==> flow/design.v <==
module cmp #(
   parameter integer WIDTH = 14
) (
   input  wire i_clk,
   input  wire rst_ni,
   input  wire [WIDTH-1:0] i_src1,
   input  wire [WIDTH-1:0] i_src2,
   output wire o_is_lt,
   output wire o_match
);
   reg [WIDTH-1:0] src1_ff;
   reg [WIDTH-1:0] src2_ff;
   reg [WIDTH:0] work_ff;
   reg is_lt_ff;
   assign o_is_lt = is_lt_ff;
   reg match_ff;
   assign o_match = match_ff;
   always @(posedge i_clk) begin
      if (!rst_ni) begin
         src1_ff <= 0;
         src2_ff <= 0;
         work_ff <= 0;
         is_lt_ff <= 1'b0;
         match_ff <= 1'b0;
      end else begin
         src1_ff <= i_src1;
         src2_ff <= i_src2;
         work_ff <= {1'b0, src1_ff} - {1'b0, src2_ff};
         is_lt_ff <= work_ff[WIDTH];
         match_ff <= ~|work_ff[WIDTH-1:0];
      end
   end
endmodule
---- From RTL to reports: cmp ----
The steps from the RTL of cmp to its reports follow in flow order.
Lines are those of the file above, counted from 1.
Library cell names are shortened.
A cell with -- has no value.
set-up
  top ..................................... cmp
  clock ................................... i_clk
  library ................................. sky130hd
  timing corner ........................... tt_025C_1v80

---- Word-level counts ----
Source: Yosys, flattened and elaborated, memories not mapped. Widths are those after wreduce; folded enables and synchronous resets count as part of the registers. Registers that Yosys merges into a memory's read port (data or address) are not register bits. Print and check cells do not count. Equal cells are merged and count once.
bit counts
  register bits ........................... 45
  bits of input ports ..................... 30
  output and inout bits ................... 2
  cells after elaboration ................. 8
operators by class
  add/sub/neg operators ................... 1
  reduce/logical cells .................... 2
operator list
  operator                      number
  subtractor 14 x 14 -> 15 bit  1
  OR reduction 14 bit           1
  zero test 1 bit               1

---- Depth ----
Longest topological path by Yosys (ltp), each cell counted once; first at word level (registers and memories cut), then after technology mapping (sequential cells cut; the memories' decode and read muxes count).
depth
  depth after elaboration ................. 2
  ABC_AREA ................................ 0
  depth in mapped cells ................... 9
  mapped depth without buffers ............ 9

---- Synthesis result ----
Yosys stat after the flow's synthesis: flattened, memories mapped to cells. It holds for the ABC_AREA given above (unset counts as 0); a run with the other value may have another netlist.
Totals and module areas in this step are rounded.
synthesis totals
  mapped cells ............................ 196
  cell area after synthesis ............... 1900 um^2
  sequential part of the area ............. 900 um^2
  flip-flop cells ......................... 45
  buffer cells ............................ 5
cell types
  cell      number  total area (um^2)
  dfxtp_1   45      900.864
  and2_1    33      206.448
  ha_1      14      175.168
  a21oi_1   13      65.062
  inv_1     17      63.811
  nand2_1   8       30.029
  o21ai_0   6       30.029
  o211ai_1  3       22.522
  o21a_1    3       22.522
  fa_1      1       20.019
  mux2i_1   2       20.019
  nor3_1    4       20.019
  clkbuf_1  5       18.768
  nand2b_1  3       18.768
  nor2_1    5       18.768
  nor2b_1   3       18.768
  nor4_1    3       18.768
  and3b_1   2       17.517
Other cell types: 20; their cells: 26.

---- Path before layout ----
Source: OpenSTA report_checks on the synthesized netlist (no wires, ideal clock, input and output delay 20% of the period each), path of least setup slack; recovery checks are left aside. Register names are those of the netlist, which keeps one name where synthesis merged equal registers.
timing path post-synthesis
  path type ............................... flip-flop to flip-flop
  from .................................... register src1_ff[0]
  to ...................................... register work_ff[12]
  clock period ............................ 2.46 ns
  arrival time ............................ 1.853 ns
  slack ................................... 0.492 ns
  path delay .............................. 1.968 ns
  stages on the path ...................... 10
  buffers on the path ..................... 0
  period reached after synthesis .......... 1.968 ns
"path delay" = arrival - input delay + setup time.
"stages on the path": output pins that drive a net of the path, with the launching flip-flop's if there is one; two outputs of one cell count as two.
"period reached after synthesis" is the clock period less the worst setup slack; recovery checks do not enter. This is arithmetic on one report: input and output delays are still those of the set period (20% each).
The rows between start and end are the longest chain of elaborated cells between them; the timing report does not say that the signal goes this way. Where chains are equally long, one stands for them.
A line is the first line of the expression or statement that the cell stems from. Yosys adds cells for indexed reads and writes and turns some case tables into memories.
on the way, post-synthesis
  cells stage by stage .................... dfxtp_1 -> inv_1 -> ha_1 -> fa_1 -> and2b_1 -> o211ai_1 -> a21oi_1 -> o211ai_1 -> and3_1 -> o21a_1
  length of the longest elaborated chain .. 1
  elaborated cells between the ends (all ways) .. 1
  source lines of those cells ............. 1
  classes of those cells .................. add/sub: 1
RTL lines, path post-synthesis
  item                          RTL line  RTL
  start, declared               11        reg [WIDTH-1:0] src1_ff;
  start, assigned               20        src1_ff <= 0;
  start, assigned               26        src1_ff <= i_src1;
  subtractor 14 x 14 -> 15 bit  28        work_ff <= {1'b0, src1_ff} - {1'b0, src2_ff};
  end, assigned                 22        work_ff <= 0;
  end, assigned                 28
  end, declared                 13        reg [WIDTH:0] work_ff;

---- Timing after layout ----
Path of least setup slack in the final report of run 2 (OpenROAD, finished layout, wires in). Where an end is a register, its clock arrival counts in the times.
timing path post-layout
  path type ............................... flip-flop to flip-flop
  from .................................... register src1_ff[0]
  to ...................................... register work_ff[8]
  clock period ............................ 2.46 ns
  arrival time ............................ 2.35 ns
  slack ................................... 0.34 ns
  stages on the path ...................... 10
  buffers on the path ..................... 0
The rows between start and end are the longest chain of elaborated cells between them; the timing report does not say that the signal goes this way. Where chains are equally long, one stands for them.
on the way, post-layout
  cells stage by stage .................... dfxtp_1 -> inv_1 -> ha_1 -> fa_1 -> and2b_1 -> o211ai_1 -> a21boi_0 -> nor2_1 -> o21ai_0 -> mux2i_1
  length of the longest elaborated chain .. 1
  elaborated cells between the ends (all ways) .. 1
  source lines of those cells ............. 1
  classes of those cells .................. add/sub: 1
RTL lines, path post-layout
  item                          RTL line  RTL
  start, declared               11        reg [WIDTH-1:0] src1_ff;
  start, assigned               20        src1_ff <= 0;
  start, assigned               26        src1_ff <= i_src1;
  subtractor 14 x 14 -> 15 bit  28        work_ff <= {1'b0, src1_ff} - {1'b0, src2_ff};
  end, assigned                 22        work_ff <= 0;
  end, assigned                 28
  end, declared                 13        reg [WIDTH:0] work_ff;

Wiki page: cmp / flow data

Stored flow runs of cmp (3 of them; Yosys, OpenROAD, sky130hd). They differ in their settings and are not a sequence. Constraints: input delay and output delay 20% of the set period each, output load 0.01 pF.
"achieved period" means the clock period less the worst setup slack. The figure is calculated, with input and output delays left at 20% of the set period.
"time of the worst setup path" = time allowed to the worst setup path (clock period - input delay - output delay, where it has them) - its slack; a late launch clock adds to it, a late capture clock takes from it.
"power" is the tool's figure for a default switching activity; nothing was simulated.
Results are given in rounded form.

======== run 1 ========
==> flow/run.sh <==
#!/bin/bash
# the make line also repeats the synthesis and layout settings of config.mk as NAME=value (left out here)
make -C /OpenROAD-flow-scripts/flow DESIGN_CONFIG=/design/flow/config.mk WORK_HOME=/design/flow/orfs CLKGATE_MAP_FILE= finish
==> flow/config.mk <==
export PLATFORM = sky130hd
export DESIGN_NAME = cmp
export DESIGN_NICKNAME = cmp
export VERILOG_FILES = /design/flow/design.v
export SDC_FILE = /design/flow/constraint.sdc
export NUM_CORES = 4
export LEC_CHECK = 0
export CAP_MARGIN = 10
export CELL_PAD_IN_SITES_DETAIL_PLACEMENT = 2
export CORE_MARGIN = 10
export CORE_UTILIZATION = 71
export CTS_CLUSTER_SIZE = 68
export GPL_ROUTABILITY_DRIVEN = 1
export PLACE_DENSITY_LB_ADDON = 0.18
export SLEW_MARGIN = 20
==> flow/constraint.sdc <==
create_clock -name core_clock -period 3.73 [get_ports {i_clk}]
set_input_delay 0.7460 -clock core_clock [delete_from_list [all_inputs] [get_ports {i_clk}]]
set_output_delay 0.7460 -clock core_clock [all_outputs]
set_load 0.01 [all_outputs]

-------- run 1 --------
  no results, placement failed with a tool error

======== run 2 ========
==> flow/run.sh <==
#!/bin/bash
# the make line also repeats the synthesis and layout settings of config.mk as NAME=value (left out here)
make -C /OpenROAD-flow-scripts/flow DESIGN_CONFIG=/design/flow/config.mk WORK_HOME=/design/flow/orfs CLKGATE_MAP_FILE= finish
==> flow/config.mk <==
export PLATFORM = sky130hd
export DESIGN_NAME = cmp
export DESIGN_NICKNAME = cmp
export VERILOG_FILES = /design/flow/design.v
export SDC_FILE = /design/flow/constraint.sdc
export NUM_CORES = 4
export LEC_CHECK = 0
export CAP_MARGIN = 20
export CORE_MARGIN = 2
export CORE_UTILIZATION = 40
export SLEW_MARGIN = 20
==> flow/constraint.sdc <==
create_clock -name core_clock -period 2.46 [get_ports {i_clk}]
set_input_delay 0.4920 -clock core_clock [delete_from_list [all_inputs] [get_ports {i_clk}]]
set_output_delay 0.4920 -clock core_clock [all_outputs]
set_load 0.01 [all_outputs]

-------- measured, run 2 --------
  post-synthesis cell area ................ 1900 um^2
  die size ................................ 5300 um^2
  final design utilization ................ 0.51
  setup slack of the worst path ........... 0.34 ns
  final setup TNS ......................... 0.000 ns
  final worst hold slack .................. 0.44 ns
  power ................................... 1.6 mW
  achieved period ......................... 2.118 ns
  time of the worst setup path ............ 2.12 ns
  worst setup path kind ................... flip-flop to flip-flop

======== run 3 ========
==> flow/run.sh <==
#!/bin/bash
# the make line also repeats the synthesis and layout settings of config.mk as NAME=value (left out here)
make -C /OpenROAD-flow-scripts/flow DESIGN_CONFIG=/design/flow/config.mk WORK_HOME=/design/flow/orfs CLKGATE_MAP_FILE= finish
==> flow/config.mk <==
export PLATFORM = sky130hd
export DESIGN_NAME = cmp
export DESIGN_NICKNAME = cmp
export VERILOG_FILES = /design/flow/design.v
export SDC_FILE = /design/flow/constraint.sdc
export NUM_CORES = 4
export LEC_CHECK = 0
export CAP_MARGIN = 20
export CORE_ASPECT_RATIO = 0.85
export CORE_MARGIN = 2
export CORE_UTILIZATION = 64
export GPL_ROUTABILITY_DRIVEN = 0
export GPL_TIMING_DRIVEN = 1
export PLACE_DENSITY_LB_ADDON = 0.25
export SETUP_SLACK_MARGIN = 0.0
export SLEW_MARGIN = 20
export TNS_END_PERCENT = 30
==> flow/constraint.sdc <==
create_clock -name core_clock -period 1.52 [get_ports {i_clk}]
set_input_delay 0.3040 -clock core_clock [delete_from_list [all_inputs] [get_ports {i_clk}]]
set_output_delay 0.3040 -clock core_clock [all_outputs]
set_load 0.01 [all_outputs]

-------- measured, run 3 --------
  post-synthesis cell area ................ 1900 um^2
  die size ................................ 3400 um^2
  final design utilization ................ 0.85
  setup slack of the worst path ........... -0.51 ns
  final setup TNS ......................... -3.5 ns
  final worst hold slack .................. 0.45 ns
  power ................................... 2.4 mW
  achieved period ......................... 2.033 ns
  time of the worst setup path ............ 2.03 ns
  worst setup path kind ................... flip-flop to flip-flop
